==> flow/design.v <==
module my_mem_stage #(
    parameter WORDS = 20,
    parameter WD = 6,
    parameter AW = $clog2(WORDS)
) (
    input wire core_clk,
    input wire rstn,
    input wire valid,
    input wire [AW-1:0] addr_in,
    input wire wr_en_in,
    input wire [WD-1:0] write_data_in,
    output wire [WD-1:0] dout_out
);
    reg [AW-1:0] addr_s;
    always @(posedge core_clk or negedge rstn) begin
        if (~rstn) begin
            addr_s <= 0;
        end else if (valid) begin
            addr_s <= addr_in;
        end
    end
    reg wr_en_s;
    always @(posedge core_clk or negedge rstn) begin
        if (~rstn) begin
            wr_en_s <= 1'b0;
        end else if (valid) begin
            wr_en_s <= wr_en_in;
        end
    end
    reg [WD-1:0] write_data_s;
    always @(posedge core_clk or negedge rstn) begin
        if (~rstn) begin
            write_data_s <= 0;
        end else if (valid) begin
            write_data_s <= write_data_in;
        end
    end
    reg [WD-1:0] ram [0:WORDS-1];
    always @(posedge core_clk)
        if (valid && wr_en_s) ram[addr_s] <= write_data_s;
    assign dout_out = wr_en_s ? write_data_s : ram[addr_s];
endmodule
# --- From RTL to reports: my_mem_stage ---
# The steps from the RTL of my_mem_stage to its reports follow in flow order.
# Lines are those of the file above, counted from 1.
# Cell names lack the library's common part.
setup:
  design: "my_mem_stage"
  clk_port: "core_clk"
  cell_library: "sky130hd"
  pvt_corner: "tt_025C_1v80"

# --- Elaborated design ---
# Counts by Yosys on the flattened word-level netlist (proc, flatten, opt, wreduce; memories kept). Register bits leave out memories and registers merged into their read ports (data or address); mux counts leave out enables and synchronous resets folded into registers. Print and check cells are left out. Cells with the same type and inputs are merged into one.
# Yosys's memory passes give these memory sizes; they may raise the number of words (mostly to a power of two), join words into wider ones and drop unused or constant bits.
op_classes:
  mul: 0
  shifts: 0
  addsub: 0
  logic: 0
  n_div: 0
  equal: 0
  n_cmp: 0
  reduce_logical: 1
  n_mux: 4
ops:
  columns: ["cell", "n"]
  rows:
  - ["2-to-1 mux 6 bit", 2]
  - ["2-to-1 mux 5 bit", 1]
  - ["logical AND 1 bit", 1]
  - ["2-to-1 mux 1 bit", 1]
bits:
  regBits: 12
  ram_bits: 120
  output_inout_bits: 6
  inputBits: 15
  romBits: 0
  clocked_rd_ports_x_width: 0
  elab_cells: 9
  latchBits: 0
  memories: 1
memory_table:
  columns: ["memory", "size", "width", "rd", "wr", "line", "rtl"]
  rows:
  - ["ram", 20, 6, 1, 1, 38, "reg [WD-1:0] ram [0:WORDS-1];"]

# --- Longest topological paths ---
# Longest topological path by Yosys (ltp), each cell counted once; first at word level (registers and memories cut), then after technology mapping (sequential cells cut; the memories' decode and read muxes count).
logic_depth:
  word_depth: 2
  ABC_AREA: 0
  mapped_depth: 6
  depth_no_buf: 4

# --- Mapped cells and area ---
# Source: synth_stat.txt of the flow (Yosys; design flattened, memories mapped). It holds for the ABC_AREA given above (unset counts as 0); a run with the other value may have another netlist.
# The area totals of this step are shown rounded.
by_type:
  columns: ["cell", "n", "type_area_um2"]
  rows:
  - ["edfxtp_1", 120, 3.6E+03]
  - ["mux2i_1", 38, 380.365]
  - ["dfrtp_1", 12, 300.288]
  - ["mux4_2", 11, 247.738]
  - ["mux2_2", 11, 123.869]
  - ["o22ai_1", 17, 106.352]
  - ["nor2_1", 22, 82.579]
  - ["buf_2", 10, 50.048]
  - ["a22oi_1", 5, 37.536]
  - ["nor2b_1", 5, 31.28]
  - ["nor4_1", 5, 31.28]
  - ["a21oi_1", 5, 25.024]
  - ["buf_6", 2, 22.522]
  - ["nand2_1", 6, 22.522]
  - ["or4b_4", 1, 13.763]
  - ["or3_1", 2, 12.512]
  - ["clkbuf_1", 3, 11.261]
  - ["nand4bb_1", 1, 11.261]
# Other cell types: 19; their cells: 19.
synth_totals:
  mapped_area_um2: 5250
  ff_cells: 132
  sequential_area_um2: 3900
  stdcells: 295
  buffers: 17

# --- Timing after synthesis ---
# OpenSTA on the mapped netlist: ideal clock, no wires. The path of least setup slack (recovery checks aside). Input and output delay are each 20% of the period. Register names are those of the netlist, which keeps one name where synthesis merged equal registers.
synth_path:
  path_type: "reg-to-output"
  from: "register addr_s[3]"
  to: "output dout_out[4]"
  n_path_buf: 2
  output_delay_ns: 0.474
  path_stages: 7
  tclk_ns: 2.37
  path_slack_ns: 0.380
  launch_ns: 0.000
  delay_ns: 1.516
  t_required_ns: 1.896
  arrival_ns: 1.516
  period_less_setup_slack_ns: 1.99
# "delay_ns" = arrival - input delay + setup time.
# At an output port there is no setup time.
# "path_stages" counts driving pins, that of a launching flip-flop among them; a cell with two outputs on the path counts twice.
# "period_less_setup_slack_ns" = period - worst setup slack (recovery checks aside). The figure is calculated, with input and output delays left at 20% of the set period.
# The rows between start and end are the longest chain of elaborated cells between them; the timing report does not say that the signal goes this way. Where chains are equally long, one stands for them.
# Each line given opens the expression or statement behind the cell; cells for indexed reads and writes are added by Yosys, which also makes memories of some case tables.
# A memory read counts as a cell of the chain, while the word-level depth stops at memories.
synth_between:
  cell_sequence: "dfrtp_1 -> buf_6 -> or3b_1 -> buf_2 -> o221ai_1 -> o21ai_1 -> a32oi_1"
  elab_chain_cells: 2
  cells_between: 2
  lines_between: 2
  classes_between: "1 x mux; 1 x memory"
synth_lines:
  columns: ["element", "line", "rtl"]
  rows:
  - ["from (decl)", 14, "reg [AW-1:0] addr_s;"]
  - ["from (assign)", 17, "addr_s <= 0;"]
  - ["from (assign)", 19, "addr_s <= addr_in;"]
  - ["memory read (20 x 6 bit)", 38, "reg [WD-1:0] ram [0:WORDS-1];"]
  - ["2-to-1 mux 6 bit", 41, "assign dout_out = wr_en_s ? write_data_s : ram[addr_s];"]
  - ["to (decl)", 12, "output wire [WD-1:0] dout_out"]

# --- Worst path after layout ---
# From the final timing report of run 1: the path of least setup slack in the routed layout; clock arrival at registers is part of the times.
layout_path:
  path_type: "reg-to-output"
  from: "register addr_s[1]"
  to: "output dout_out[0]"
  arrival_ns: 2.21
  t_required_ns: 1.48
  output_delay_ns: 0.37
  launch_ns: 0.42
  path_slack_ns: -0.73
  n_path_buf: 4
  path_stages: 9
  tclk_ns: 1.85
# The rows between start and end are the longest chain of elaborated cells between them; the timing report does not say that the signal goes this way. Where chains are equally long, one stands for them.
# A memory read counts as a cell of the chain, while the word-level depth stops at memories.
layout_between:
  cell_sequence: "dfrtp_2 -> buf_6 -> buf_12 -> buf_6 -> mux2i_4 -> o22ai_4 -> nor4_4 -> a21oi_2 -> buf_2"
  elab_chain_cells: 2
  cells_between: 2
  lines_between: 2
  classes_between: "1 x mux; 1 x memory"
layout_lines:
  columns: ["element", "line", "rtl"]
  rows:
  - ["from (decl)", 14, "reg [AW-1:0] addr_s;"]
  - ["from (assign)", 17, "addr_s <= 0;"]
  - ["from (assign)", 19, "addr_s <= addr_in;"]
  - ["memory read (20 x 6 bit)", 38, "reg [WD-1:0] ram [0:WORDS-1];"]
  - ["2-to-1 mux 6 bit", 41, "assign dout_out = wr_en_s ? write_data_s : ram[addr_s];"]
  - ["to (decl)", 12, "output wire [WD-1:0] dout_out"]

# Flow measurements of my_mem_stage on sky130hd: 3 stored runs with different settings, listed in no order. Input and output delays are each 20% of the period that was set; the output load is 0.01 pF.
# "achieved_clock_period_ns" = clock period - worst setup slack. The figure is calculated, with input and output delays left at 20% of the set period.
# "worst_path_time_ns": the worst setup path's part of the clock period (all of it between registers, 20% less for each end at a port) less its slack. A launch clock that arrives late makes it longer, a capture clock that arrives late makes it shorter.
# "final_power_uw" rests on the timing tool's default activity at the inputs, not on a simulated workload.
# Values from the reports are rounded here.
runs:
  - name: "run 1"
    settings:
      period_ns: 1.85
      CORE_UTILIZATION: 26
      PLACE_DENSITY_LB_ADDON: 0.08
      HOLD_SLACK_MARGIN: 0.21
      CELL_PAD_IN_SITES_GLOBAL_PLACEMENT: 2
      CELL_PAD_IN_SITES_DETAIL_PLACEMENT: 1
      GPL_TIMING_DRIVEN: 1
      GPL_ROUTABILITY_DRIVEN: 1
      SLEW_MARGIN: 40
      CAP_MARGIN: 20
      CORE_MARGIN: 2
    results:
      final_setup_ws_ns: -0.732
      stdcell_area_um2: 7410
      final_setup_tns_ns: -4.82
      yosys_chip_area_um2: 5250
      post_route_util_pct: 37.7
      achieved_clock_period_ns: 2.582
      final_power_uw: 7790
      worst_path_time_ns: 2.21
      path_kind: "reg-to-output"
      dieArea_um2: 21400
  - name: "run 2"
    settings:
      period_ns: 2.37
      CAP_MARGIN: 20
      CORE_MARGIN: 2
      CORE_UTILIZATION: 40
      SLEW_MARGIN: 20
    results:
      final_setup_ws_ns: -0.284
      stdcell_area_um2: 6770
      final_setup_tns_ns: -1.50
      yosys_chip_area_um2: 5250
      post_route_util_pct: 53.2
      achieved_clock_period_ns: 2.654
      final_power_uw: 6040
      worst_path_time_ns: 2.18
      path_kind: "reg-to-output"
      dieArea_um2: 14100
  - name: "run 3"
    settings:
      period_ns: 2.86
      CORE_UTILIZATION: 44
      SETUP_SLACK_MARGIN: 0.4
      PLACE_DENSITY: 0.56
      CORE_ASPECT_RATIO: 0.53
      CORE_MARGIN: 3
      ABC_AREA: 0
      GPL_TIMING_DRIVEN: 1
      CTS_CLUSTER_DIAMETER: 211
      CAP_MARGIN: 35
      MAX_ROUTING_LAYER: "met4"
      SLEW_MARGIN: 20
    results:
      final_setup_ws_ns: 0.067
      stdcell_area_um2: 6730
      final_setup_tns_ns: 0.000
      yosys_chip_area_um2: 5250
      post_route_util_pct: 59.1
      achieved_clock_period_ns: 2.793
      final_power_uw: 4870
      worst_path_time_ns: 2.22
      path_kind: "reg-to-output"
      dieArea_um2: 13400
